==> flow/design.v <==
module diff_unit_v2 #(
  parameter DATA_W = 36
) (
  input  wire core_clk,
  input  wire [DATA_W-1:0] i_src1,
  input  wire i_dir,
  input  wire i_load,
  output wire [DATA_W-1:0] o_out
);
  reg [DATA_W-1:0] acc;
  always @(posedge core_clk) begin
    acc <= i_load ? i_src1 : i_dir ? acc - i_src1 : acc + i_src1;
  end
  assign o_out = acc;
endmodule
* Reports on diff_unit_v2 *
The steps from the RTL of diff_unit_v2 to its reports follow in flow order.
Line numbers count from 1 in the design file above.
Library cell names are shortened.
A cell with -- has no value.

set-up
  top = diff_unit_v2
  clock = core_clk
  standard-cell library = sky130hd
  corner = tt_025C_1v80

* Word level *
Counts by Yosys on the flattened word-level netlist (proc, flatten, opt, wreduce; memories kept). Register bits leave out memories and registers merged into their read ports (data or address); mux counts leave out enables and synchronous resets folded into registers. Print and check cells are left out. Cells with the same type and inputs are merged into one.

word-level totals
  clocked read ports x word width = 0
  word-level cells = 5
  output and inout port bits = 36
  ROM bits = 0
  memories kept = 0
  memory bits (writable) = 0
  latch bits = 0
  bits of input ports = 39
  register bits after elaboration = 36

cells by class
  equality and inequality tests = 0
  order comparisons = 0
  reduce/logical cells = 0
  shift-type cells = 0
  muxes and demuxes = 2
  divide/modulo/power cells = 0
  multipliers = 0
  add/sub/neg operators = 2
  bitwise gates (word level) = 0

operator list
  cell                number
  two-way mux 36 bit  2
  adder 36 bit        1
  subtractor 36 bit   1

* Longest topological paths *
Depth = most cells in a row (Yosys ltp): at word level without a register or memory, in the mapped netlist without a sequential cell, where the memories' decode and read muxes count.

logic depth
  word-level depth = 3
  ABC_AREA = 0
  depth in mapped cells = 19
  mapped depth without buffers = 19

* Netlist *
The flow's flattened synthesis, as Yosys stat reports it; memories are mapped. The netlist is that of the ABC_AREA named above (0 if unset); the other value can give another one.

mapped netlist
  standard cells after synthesis = 510
  mapped area = 3698.5 µm²
  flip-flop cells = 36
  buffer cells = 15
  sequential part of the area = 720.7 µm²

cells by type
  cell type  number  total area (µm²)
  dfxtp_1    36      720.691
  ha_1       36      450.432
  xnor2_1    42      367.853
  a21oi_1    61      305.293
  nand2_1    64      240.23
  o21ai_0    46      230.221
  nor2_1     51      191.434
  xor2_1     17      148.893
  inv_1      19      71.318
  a21o_1     9       67.565
  o21bai_1   8       60.058
  clkbuf_1   15      56.304
  nor3_1     11      55.053
  nand3_1    10      50.048
  a31oi_1    7       43.792
  o31ai_1    5       37.536
  and3_1     5       31.28
  nor4_1     5       31.28

Other cell types: 36; their cells: 63.

* Worst setup path after synthesis *
OpenSTA on the mapped netlist: ideal clock, no wires. The path of least setup slack (recovery checks aside). Input and output delay are each 20% of the period. Register names are those of the netlist, which keeps one name where synthesis merged equal registers.

path after synthesis
  kind = input to register
  start = input i_src1[5]
  end = register acc[33]
  external input delay = 1.186 ns
  delay of the path = 3.798 ns
  driving pins on the path = 15
  setup time = 0.141 ns
  path slack = 0.946 ns
  arrival time = 4.843 ns
  time at the first pin = 1.186 ns
  required time = 5.789 ns
  clock period = 5.93 ns
  path buffers = 0
  synthesis period reached = 4.984 ns

"delay of the path" = arrival - input delay + setup time.
"driving pins on the path": output pins that drive a net of the path, with the launching flip-flop's if there is one; two outputs of one cell count as two.
"synthesis period reached" is the clock period less the worst setup slack; recovery checks do not enter. This is arithmetic on one report: input and output delays are still those of the set period (20% each).
Between the ends stands the longest chain of elaborated cells between them, by number of cells; it is not shown to be the way that was timed. Of several equally long chains one is given.
A line is the first line of the expression or statement that the cell stems from. Yosys adds cells for indexed reads and writes and turns some case tables into memories.

on the way, after synthesis
  cells stage by stage = or3_1 nor4_1 nor3b_2 nor3b_1 nand2_1 nor3_1 nor2_1 xnor2_1 ha_1 and3_1 nand2_1 a2111oi_0 nor3_1 a2111oi_0 a221oi_1
  length of the longest elaborated chain = 3
  elaborated cells between the ends (all ways) = 4
  source lines of those cells = 1
  classes of those cells = add/sub (2); mux (2)

RTL lines, path after synthesis
  what                   line  text
  from (decl)            5     input  wire [DATA_W-1:0] i_src1,
  adder 36 bit           12    acc <= i_load ? i_src1 : i_dir ? acc - i_src1 : acc + i_src1;
  two-way mux 36 bit x2  12
  to (assign)            12
  to (decl)              10    reg [DATA_W-1:0] acc;

* Worst path after layout *
Path of least setup slack in the final report of run 1 (OpenROAD, finished layout, wires in). Where an end is a register, its clock arrival counts in the times.

path post-layout
  kind = input to register
  start = input i_src1[5]
  end = register acc[33]
  time at the first pin = 1.19 ns
  path slack = 0.47 ns
  external input delay = 1.19 ns
  driving pins on the path = 14
  required time = 6.08 ns
  setup time = 0.14 ns
  path buffers = 1
  arrival time = 5.61 ns
  clock period = 5.93 ns

Between the ends stands the longest chain of elaborated cells between them, by number of cells; it is not shown to be the way that was timed. Of several equally long chains one is given.

on the way, post-layout
  cells stage by stage = clkdlybuf4s50_1 or3_1 or4_1 nor2_1 nor2_1 xnor2_1 ha_1 nand4_1 nor3_1 o211ai_1 a2111oi_1 nor3_1 a2111oi_0 a221oi_1
  length of the longest elaborated chain = 3
  elaborated cells between the ends (all ways) = 4
  source lines of those cells = 1
  classes of those cells = add/sub (2); mux (2)

RTL lines, path post-layout
  what                   line  text
  from (decl)            5     input  wire [DATA_W-1:0] i_src1,
  adder 36 bit           12    acc <= i_load ? i_src1 : i_dir ? acc - i_src1 : acc + i_src1;
  two-way mux 36 bit x2  12
  to (assign)            12
  to (decl)              10    reg [DATA_W-1:0] acc;

Lab notebook: diff_unit_v2

Stored flow runs of diff_unit_v2 (3 of them; Yosys, OpenROAD, sky130hd). They differ in their settings and are not a sequence. Constraints: input delay and output delay 20% of the set period each, output load 0.01 pF.
"achieved clock period (ns)" is the run's clock period less its worst setup slack. It is reckoned from that one timing run; input and output delays stay at 20% of the period that was set.
"worst setup path time (ns)": the worst setup path's part of the clock period (all of it between registers, 20% less for each end at a port) less its slack. A launch clock that arrives late makes it longer, a capture clock that arrives late makes it shorter.
"finish__power__total" is the tool's figure for a default switching activity; nothing was simulated.

settings of run 1
{
  "period_ns": 5.93,
  "CAP_MARGIN": 20,
  "CORE_MARGIN": 2,
  "CORE_UTILIZATION": 40,
  "SLEW_MARGIN": 20
}
report of run 1
yosys chip area after synthesis (um^2): 3698.5
finish__design__die__area: 10032.0
finish__design__instance__area__stdcell: 4675.7
finish__design__instance__utilization: 0.5133
finish__timing__setup__ws: 0.469
finish__timing__setup__tns: 0.000
finish__timing__hold__ws: 0.623
finish__power__total: 2.216e-03
achieved clock period (ns): 5.461
worst setup path time (ns): 4.27
worst setup path kind: input to register

settings of run 2
{
  "period_ns": 3.72,
  "CORE_UTILIZATION": 31,
  "SETUP_SLACK_MARGIN": 0.82,
  "PLACE_DENSITY_LB_ADDON": 0.04,
  "CORE_ASPECT_RATIO": 1.6,
  "CORE_MARGIN": 7,
  "CELL_PAD_IN_SITES_GLOBAL_PLACEMENT": 3,
  "CELL_PAD_IN_SITES_DETAIL_PLACEMENT": 1,
  "GPL_TIMING_DRIVEN": 1,
  "MIN_ROUTING_LAYER": "met1",
  "MAX_ROUTING_LAYER": "met4",
  "CAP_MARGIN": 20,
  "SLEW_MARGIN": 20
}
report of run 2
yosys chip area after synthesis (um^2): 3698.5
finish__design__die__area: 15269.8
finish__design__instance__area__stdcell: 6969.2
finish__design__instance__utilization: 0.5989
finish__timing__setup__ws: -0.601
finish__timing__setup__tns: -7.289
finish__timing__hold__ws: 0.629
finish__power__total: 5.828e-03
achieved clock period (ns): 4.321
worst setup path time (ns): 3.58
worst setup path kind: input to register

settings of run 3
{
  "period_ns": 3.32,
  "CORE_UTILIZATION": 59,
  "CELL_PAD_IN_SITES_DETAIL_PLACEMENT": 0,
  "CTS_CLUSTER_SIZE": 46,
  "CTS_CLUSTER_DIAMETER": 261,
  "CAP_MARGIN": 20,
  "CORE_MARGIN": 2,
  "SLEW_MARGIN": 20
}
report of run 3: did not finish, cts, DPL-0038
